==> flow/design.v <==
module my_reg_file_mod_entry #(parameter N = 8) (
  input wire clk,
  input wire en,
  input wire [N-1:0] d,
  output reg [N-1:0] q
);
  always @(posedge clk)
    if (en) q <= d;
endmodule
module my_reg_file_mod (aclk, rst_i, wr_en, wa, wdata, rsel, rdata);
  parameter WORDS = 64;
  parameter WIDTH = 4;
  parameter NUM_RD = 3;
  localparam ADDR_W = $clog2(WORDS);
  input aclk;
  input rst_i;
  input wr_en;
  input [ADDR_W-1:0] wa;
  input [WIDTH-1:0] wdata;
  input [NUM_RD*ADDR_W-1:0] rsel;
  output [NUM_RD*WIDTH-1:0] rdata;
  reg wr_en_r;
  reg [ADDR_W-1:0] wa_r;
  reg [WIDTH-1:0] wdata_r;
  always @(posedge aclk) begin
    if (rst_i) begin
      wr_en_r <= 1'b0;
      wa_r <= 0;
      wdata_r <= 0;
    end else begin
      wr_en_r <= wr_en;
      wa_r <= wa;
      wdata_r <= wdata;
    end
  end
  wire [WORDS*WIDTH-1:0] store;
  genvar i;
  generate
    for (i = 0; i < WORDS; i = i + 1) begin : blk
      my_reg_file_mod_entry #(.N(WIDTH)) u (.clk(aclk), .en(wr_en_r && wa_r == i), .d(wdata_r), .q(store[i*WIDTH +: WIDTH]));
    end
  endgenerate
  reg [NUM_RD*ADDR_W-1:0] rsel_r;
  always @(posedge aclk) begin
    if (rst_i) begin
      rsel_r <= 0;
    end else begin
      rsel_r <= rsel;
    end
  end
  wire [NUM_RD*WIDTH-1:0] work;
  genvar j;
  generate
    for (j = 0; j < NUM_RD; j = j + 1) begin : each
      assign work[j*WIDTH +: WIDTH] = store[rsel_r[j*ADDR_W +: ADDR_W]*WIDTH +: WIDTH];
    end
  endgenerate
  reg [NUM_RD*WIDTH-1:0] rdata_r;
  always @(posedge aclk) begin
    if (rst_i) begin
      rdata_r <= 0;
    end else begin
      rdata_r <= work;
    end
  end
  assign rdata = rdata_r;
endmodule
Ticket comment

# Tool chain data of my_reg_file_mod

Module my_reg_file_mod in several versions that differ in "WIDTH"; each step lists the members.
The file above is the member WIDTH = 4. Line numbers count from 1 in each member's own file.
Operators: Yosys type, input widths -> output width; for muxes data width and select width s.
Cell names lack the library's common part.
Not given: -

Top module: my_reg_file_mod
Clock: aclk
Cell library: sky130hd
Timing corner: tt_025C_1v80

# Source of the members

New or changed lines of each further member against the RTL above, in its own file; lines it lacks are not shown.

New or changed lines:

| WIDTH | line | RTL |
| 8     | 12   | `parameter WIDTH = 8;` |
| 12    | 12   | `parameter WIDTH = 12;` |

# Word level

Yosys after proc, flatten, opt, wreduce and memory -nomap, before mapping. Enables and synchronous resets that opt folds into registers are not counted as muxes. Memory bits, and registers merged into a memory's read port (data or address), are not among the register bits. Print and check cells are not counted. Equal cells are merged and count once.

Word-level totals:

| WIDTH | elaborated cells | register bits after elaboration | input bits |
| 4     | 200              | 297                             | 31 |
| 8     | 200              | 569                             | 35 |
| 12    | 203              | 841                             | 39 |

Operators by class:

| WIDTH | shift-type cells | reductions and logical operators | eq/ne operators | $mul |
| 4     | 3                | 65                               | 63              | 0 |
| 8     | 3                | 65                               | 63              | 0 |
| 12    | 3                | 65                               | 63              | 3 |

Operators by type and width:

| WIDTH | kind and count |
| 4     | $shiftx 256x9->4 (3); $eq 6x6->1 const B (32); $eq 6x5->1 const B (16); $logic_and 1x1->1 (64); $eq 6x4->1 const B (8); $eq 6x3->1 const B (4); $eq 6x2->1 const B (2); $eq 6x1->1 const B (1); $logic_not 6->1 (1) |
| 8     | $shiftx 512x10->8 (3); $eq 6x6->1 const B (32); $eq 6x5->1 const B (16); $logic_and 1x1->1 (64); $eq 6x4->1 const B (8); $eq 6x3->1 const B (4); $eq 6x2->1 const B (2); $eq 6x1->1 const B (1); $logic_not 6->1 (1) |
| 12    | $shiftx 768x11->12 (3); $eq 6x6->1 const B (32); $eq 6x5->1 const B (16); $logic_and 1x1->1 (64); $mul 6x2->8 const B (3); $eq 6x4->1 const B (8); $eq 6x3->1 const B (4); $eq 6x2->1 const B (2); $eq 6x1->1 const B (1); $logic_not 6->1 (1) |

# Longest topological paths

Yosys ltp: most cells in a row. Word level: on the elaborated netlist, between registers, memories and ports. Mapped: between sequential cells and ports; inverters and the memories' decode and read muxes count.

Depth:

| WIDTH | depth in word-level cells | ABC_AREA | gate-level depth with buffers | mapped depth without buffers |
| 4     | 2                         | 0        | 9                             | 5 |
| 8     | 2                         | 0        | 9                             | 5 |
| 12    | 2                         | 0        | 9                             | 5 |

# Netlist

The flow's flattened synthesis, as Yosys stat reports it; memories are mapped. The netlist is that of the ABC_AREA named above (0 if unset); the other value can give another one.
Totals and module areas in this step are rounded.

Cells by type:

| WIDTH | type and count |
| 4     | edfxtp_1 (256); mux4_2 (188); dfxtp_1 (41); mux2i_1 (39); nor2_1 (93); nor2b_1 (45); nand2_1 (45); buf_4 (19); mux2_2 (10); nand2b_1 (18); buf_2 (20); nand3_1 (18); o221ai_1 (10); clkbuf_1 (23); o22ai_1 (11); a22oi_1 (9); buf_6 (6); o21ai_0 (10); (+88) |
| 8     | edfxtp_1 (512); mux4_2 (364); dfxtp_1 (57); mux2i_1 (111); mux4_1 (20); nor2_1 (84); nor2b_1 (45); mux2_2 (24); buf_2 (53); buf_4 (31); buf_6 (20); nand2_1 (47); o22ai_1 (23); a22oi_1 (18); a21oi_1 (25); o221ai_1 (14); o21ai_0 (24); nand3_1 (20); (+136) |
| 12    | edfxtp_1 (768); mux4_2 (540); dfxtp_1 (73); mux2i_1 (125); o22ai_1 (121); buf_2 (82); nor2b_1 (64); a211oi_1 (51); mux4_1 (13); nor2_1 (79); buf_6 (24); mux2_2 (23); nand2_1 (68); buf_4 (29); o221ai_1 (22); clkbuf_1 (51); a21oi_1 (31); a221oi_1 (13); (+191) |

A list marked (+n) leaves out that many cells.

Mapped netlist:

| WIDTH | mapped flip-flops | sequential part of the area (um2) | buffer cells | chip area (Yosys) (um2) | standard cells after synthesis |
| 4     | 297               | 8,508                             | 72           | 15,520                  | 949 |
| 8     | 569               | 16,520                            | 139          | 29,870                  | 1,628 |
| 12    | 841               | 24,520                            | 207          | 43,560                  | 2,368 |

The figures by module come from a second, unflattened synthesis with its own total; it is not the netlist above.

Unflattened totals:

| WIDTH | cells (unflattened synthesis) | area total of the unflattened synthesis (um2) |
| 4     | 893                           | 15,490 |
| 8     | 1,641                         | 29,710 |
| 12    | 2,338                         | 43,730 |

# Worst setup path after synthesis

Path of least setup slack by OpenSTA after synthesis, without wires, with an ideal clock, recovery checks aside; 20% of the period is set as input and as output delay. Where synthesis merged equal registers, the netlist keeps one of their names.

Path after synthesis:

| WIDTH | kind    | from               | to                     | driving pins on the path | delay of the path (ns) | setup slack (ns) | period (ns) | period reached after synthesis (ns) |
| 4     | reg2reg | register rsel_r[6] | register rdata_r[4]    | 7                        | 1.793                  | 0.447            | 2.24        | 1.793 |
| 8     | reg2reg | register wr_en_r   | register blk[1].u.q[0] | 5                        | 1.910                  | 0.480            | 2.39        | 1.91 |
| 12    | reg2reg | register wr_en_r   | register blk[1].u.q[0] | 5                        | 2.085                  | 0.524            | 2.61        | 2.086 |

"delay of the path" is the arrival time less input delay plus setup time.
"driving pins on the path": output pins that drive a net of the path, with the launching flip-flop's if there is one; two outputs of one cell count as two.
"period reached after synthesis" = period - worst setup slack (recovery checks aside). The figure is calculated, with input and output delays left at 20% of the set period.
Between the ends stands the longest chain of elaborated cells between them, by number of cells; it is not shown to be the way that was timed. Of several equally long chains one is given.
A line is the first line of the expression or statement that the cell stems from. Yosys adds cells for indexed reads and writes and turns some case tables into memories.

Between the ends, after synthesis, WIDTH = 4:
Cells in the longest elaborated chain: 1

RTL lines, path after synthesis, WIDTH = 4:

| element          | line | RTL |
| from (decl)      | 43   | `reg [NUM_RD*ADDR_W-1:0] rsel_r;` |
| from (assign)    | 46   | `rsel_r <= 0;` |
| from (assign)    | 48   | `rsel_r <= rsel;` |
| $shiftx 256x9->4 | 55   | `assign work[j*WIDTH +: WIDTH] = store[rsel_r[j*ADDR_W +: ADDR_W]*WIDTH +: WIDTH];` |
| to (assign)      | 61   | `rdata_r <= 0;` |
| to (assign)      | 63   | `rdata_r <= work;` |
| to (decl)        | 58   | `reg [NUM_RD*WIDTH-1:0] rdata_r;` |

Between the ends, after synthesis, WIDTH = 12:
Cells in the longest elaborated chain: 1

RTL lines, path after synthesis, WIDTH = 12:

| element           | line | RTL |
| from (decl)       | 22   | `reg wr_en_r;` |
| from (assign)     | 27   | `wr_en_r <= 1'b0;` |
| from (assign)     | 31   | `wr_en_r <= wr_en;` |
| $logic_and 1x1->1 | 40   | `my_reg_file_mod_entry #(.N(WIDTH)) u (.clk(aclk), .en(wr_en_r && wa_r == i), .d(wdata_r), .q(store[i*WIDTH +: ...` |
| to (assign)       | 8    | `if (en) q <= d;` |
| to (decl)         | 5    | `output reg [N-1:0] q` |

# Worst path after layout

From the final timing report of the run of each member: the path of least setup slack in the routed layout; clock arrival at registers is part of the times.

Path post-layout:

| WIDTH | kind    | from                | to                   | driving pins on the path | buffers on the path | period (ns) | arrival (ns) | setup slack (ns) |
| 4     | reg2reg | register rsel_r[10] | register rdata_r[4]  | 6                        | 1                   | 2.24        | 2.55         | 0.10 |
| 8     | reg2reg | register rsel_r[12] | register rdata_r[16] | 9                        | 3                   | 2.39        | 2.94         | -0.03 |
| 12    | reg2reg | register rsel_r[10] | register rdata_r[17] | 8                        | 3                   | 2.61        | 3.23         | -0.06 |

# Flow runs

One run of the flow (Yosys, OpenROAD) for each member, with settings and measured results. Input and output delays are each 20% of the period that was set; the output load is 0.01 pF.

CAP_MARGIN: 20
CORE_MARGIN: 2
CORE_UTILIZATION: 40
SLEW_MARGIN: 20

Settings that differ:

| WIDTH | period_ns |
| 4     | 2.24 |
| 8     | 2.39 |
| 12    | 2.61 |

Final reports:

| WIDTH | utilization of the finished layout (%) | post-synthesis cell area (um2) | achieved period (ns) | lowest setup slack (ns) | post-route worst hold slack (ns) | setup total negative slack (ns) | die area (um2) |
| 4     | 47.6                                   | 15,520                         | 2.139                | 0.101                   | 0.467                            | 0.000                           | 40,380 |
| 8     | 48.1                                   | 29,870                         | 2.424                | -0.034                  | 0.386                            | -0.034                          | 76,880 |
| 12    | 48.2                                   | 43,560                         | 2.674                | -0.064                  | 0.369                            | -0.076                          | 111,600 |

"achieved period" is the run's clock period less its worst setup slack. It is reckoned from that one timing run; input and output delays stay at 20% of the period that was set.
Measured values are rounded.
